==> flow/design.v <==
module reg_bank_stage (clk, rst_n, wr_in, write_addr_in, din_in, rd_idx_in, rd_out);
   parameter D = 4;
   parameter WIDTH = 64;
   localparam ADDR_WIDTH = $clog2(D);
   input clk;
   input rst_n;
   input wr_in;
   input [ADDR_WIDTH-1:0] write_addr_in;
   input [WIDTH-1:0] din_in;
   input [ADDR_WIDTH-1:0] rd_idx_in;
   output [WIDTH-1:0] rd_out;
   reg [WIDTH-1:0] store [0:D-1];
   always @(posedge clk) begin
      if (wr_in)
         store[write_addr_in] <= din_in;
   end
   reg [WIDTH-1:0] r_rd;
   always @(posedge clk) begin
      if (!rst_n) begin
         r_rd <= 0;
      end else begin
         r_rd <= store[rd_idx_in];
      end
   end
   assign rd_out = r_rd;
endmodule
## From RTL to reports: reg_bank_stage

Tool output for the design above, in the order of the flow.
Lines are those of the file above, counted from 1.
Operators: Yosys type, input widths -> output width; for muxes data width and select width s.
Cell names lack the library's common part.
Not given: -

| set-up | value |
|---|---|
| top | reg_bank_stage |
| clock input | clk |
| standard-cell library | sky130hd |
| library corner | tt_025C_1v80 |

## After elaboration

Yosys after proc, flatten, opt, wreduce and memory -nomap, before mapping. Enables and synchronous resets that opt folds into registers are not counted as muxes. Memory bits, and registers merged into a memory's read port (data or address), are not among the register bits. Print and check cells are not counted. Equal cells are merged and count once.
Memory sizes are those after Yosys's memory passes, which may raise the word count (mostly to a power of two), join words into wider ones and drop unused or constant bits.

| operators by class | value |
|---|---|
| $add $sub $neg | 0 |
| multiply operators | 0 |
| div/mod/pow operators | 0 |
| magnitude comparators | 0 |
| equality and inequality tests | 0 |
| shifts and indexed selects | 0 |
| muxes and demuxes | 3 |
| bitwise operators | 0 |
| reduce/logical cells | 1 |

Operators by type and width:

| cell | count |
|---|---|
| $mux 64 | 1 |
| $mux 2 | 1 |
| $logic_not 1->1 | 1 |
| $mux 1 | 1 |

| word-level totals | value |
|---|---|
| register bits | 0 |
| bits in latches | 0 |
| bits in writable memories | 256 |
| ROM bits | 0 |
| clocked read ports x word width | 64 |
| memories kept | 1 |
| cells after elaboration | 5 |

Memories:

| memory | words | width | read ports | write ports | RTL line | source |
|---|---|---|---|---|---|---|
| store | 4 | 64 | 1 | 1 | 12 | `reg [WIDTH-1:0] store [0:D-1];` |

## Depth

Yosys ltp: most cells in a row. Word level: on the elaborated netlist, between registers, memories and ports. Mapped: between sequential cells and ports; inverters and the memories' decode and read muxes count.

| depth | value |
|---|---|
| word-level depth | 1 |
| ABC_AREA | 0 |
| mapped depth | 4 |
| depth with buffers taken out | 2 |

## Netlist

Source: synth_stat.txt of the flow (Yosys; design flattened, memories mapped). It holds for the ABC_AREA given above (unset counts as 0); a run with the other value may have another netlist.

| synthesis totals | value |
|---|---|
| standard cells after synthesis | 546 |
| chip area (Yosys) | 10989.3 sq um |
| flip-flops | 320 |
| buffers | 27 |

Cells by type:

| cell | count | area in all (sq um) |
|---|---|---|
| edfxtp_1 | 256 | 7.69E+03 |
| dfxtp_1 | 64 | 1.28E+03 |
| mux2i_1 | 128 | 1.28E+03 |
| o22ai_1 | 64 | 400.384 |
| buf_12 | 8 | 160.154 |
| buf_8 | 5 | 75.072 |
| clkbuf_1 | 12 | 45.043 |
| buf_6 | 1 | 11.261 |
| and3b_1 | 1 | 8.758 |
| buf_4 | 1 | 7.507 |
| nand2_1 | 2 | 7.507 |
| nor3b_1 | 1 | 7.507 |
| and3_1 | 1 | 6.256 |
| nand2b_1 | 1 | 6.256 |
| nor2_1 | 1 | 3.754 |

## Worst setup path after synthesis

Path of least setup slack by OpenSTA after synthesis, without wires, with an ideal clock, recovery checks aside; 20% of the period is set as input and as output delay. Where synthesis merged equal registers, the netlist keeps one of their names.

| path after synthesis | value |
|---|---|
| path type | in2reg |
| from | input port write_addr_in[1] |
| to | memory store[0][0] |
| period | 8250 ps |
| external input delay | 1650 ps |
| setup time | 579 ps |
| launch time at the first pin | 1650 ps |
| data arrival time | 6352 ps |
| path slack | 1319 ps |
| path delay | 5281 ps |
| driving pins on the path | 1 |
| synthesis period reached | 6931 ps |

"path delay" = arrival - input delay + setup time.
"driving pins on the path" counts driving pins, that of a launching flip-flop among them; a cell with two outputs on the path counts twice.
"synthesis period reached" = period - worst setup slack (recovery checks aside). The figure is calculated, with input and output delays left at 20% of the set period.
The rows between start and end are the longest chain of elaborated cells between them; the timing report does not say that the signal goes this way. Where chains are equally long, one stands for them.
Each line given opens the expression or statement behind the cell; cells for indexed reads and writes are added by Yosys, which also makes memories of some case tables.

| on the way, after synthesis | value |
|---|---|
| cells stage by stage | nor3b_1 |
| length of the longest elaborated chain | 1 |

RTL lines, path after synthesis:

| element | RTL line | source |
|---|---|---|
| start, declared | 8 | `input [ADDR_WIDTH-1:0] write_addr_in;` |
| $mux 2 | 14 | `if (wr_in)` |
| end, declared | 12 | `reg [WIDTH-1:0] store [0:D-1];` |

## Timing after layout

From the final timing report of job 1: the path of least setup slack in the routed layout; clock arrival at registers is part of the times.
The path's times are printed in steps of 10 ps; the period is the one set.

| path post-layout | value |
|---|---|
| path type | in2reg |
| from | input port write_addr_in[0] |
| to | memory store[1][21] |
| period | 4200 ps |
| external input delay | 840 ps |
| setup time | 290 ps |
| launch time at the first pin | 840 ps |
| data arrival time | 2610 ps |
| path slack | 1830 ps |
| driving pins on the path | 3 |

The rows between start and end are the longest chain of elaborated cells between them; the timing report does not say that the signal goes this way. Where chains are equally long, one stands for them.

| on the way, post-layout | value |
|---|---|
| cells stage by stage | clkdlybuf4s50_1 > and3b_4 > buf_12 |
| length of the longest elaborated chain | 1 |

RTL lines, path post-layout:

| element | RTL line | source |
|---|---|---|
| start, declared | 8 | `input [ADDR_WIDTH-1:0] write_addr_in;` |
| $mux 2 | 14 | `if (wr_in)` |
| end, declared | 12 | `reg [WIDTH-1:0] store [0:D-1];` |

Wiki page: reg_bank_stage / flow data

Stored flow runs of reg_bank_stage (3 of them; Yosys, OpenROAD, sky130hd). They differ in their settings and are not a sequence. Constraints: input delay and output delay 20% of the set period each, output load 0.01 pF.
By "total power of the final layout" is meant OpenSTA's value without simulated activity: inputs other than the clock are taken to toggle once in ten clock periods, and the tool carries that through the logic.
Settings: n/a = not set for that run.

| setting or result | job 1 | job 2 | job 3 |
|---|---|---|---|
| period_ns | 4.2 | 8.25 | 9.03 |
| CORE_UTILIZATION | 61 | 40 | 70 |
| SETUP_SLACK_MARGIN | -0.37 | n/a | 0.63 |
| PLACE_DENSITY_LB_ADDON | 0.15 | n/a | 0.15 |
| CELL_PAD_IN_SITES_DETAIL_PLACEMENT | 1 | n/a | 0 |
| SLEW_MARGIN | 15 | 20 | 5 |
| CAP_MARGIN | 20 | 20 | 20 |
| CORE_MARGIN | 2 | 2 | 2 |
| TNS_END_PERCENT | n/a | n/a | 15 |
| ABC_AREA | n/a | n/a | 0 |
| worst slack on setup checks (ps) | 1832 | 4921 | 5573 |
| synthesis area (sq um) | 10989.3 | 10989.3 | 10989.3 |
| die footprint (sq um) | 19104.8 | 28815.1 | 16717.2 |
| utilization of the finished layout (%) | 75.2 | 50.7 | 87.4 |
| worst-case hold slack (ps) | 556 | 521 | 533 |
| std-cell area (final layout) (sq um) | 13417.9 | 13654.3 | 13334.0 |
| total power of the final layout (µW) | 6898 | 3567 | 3114 |
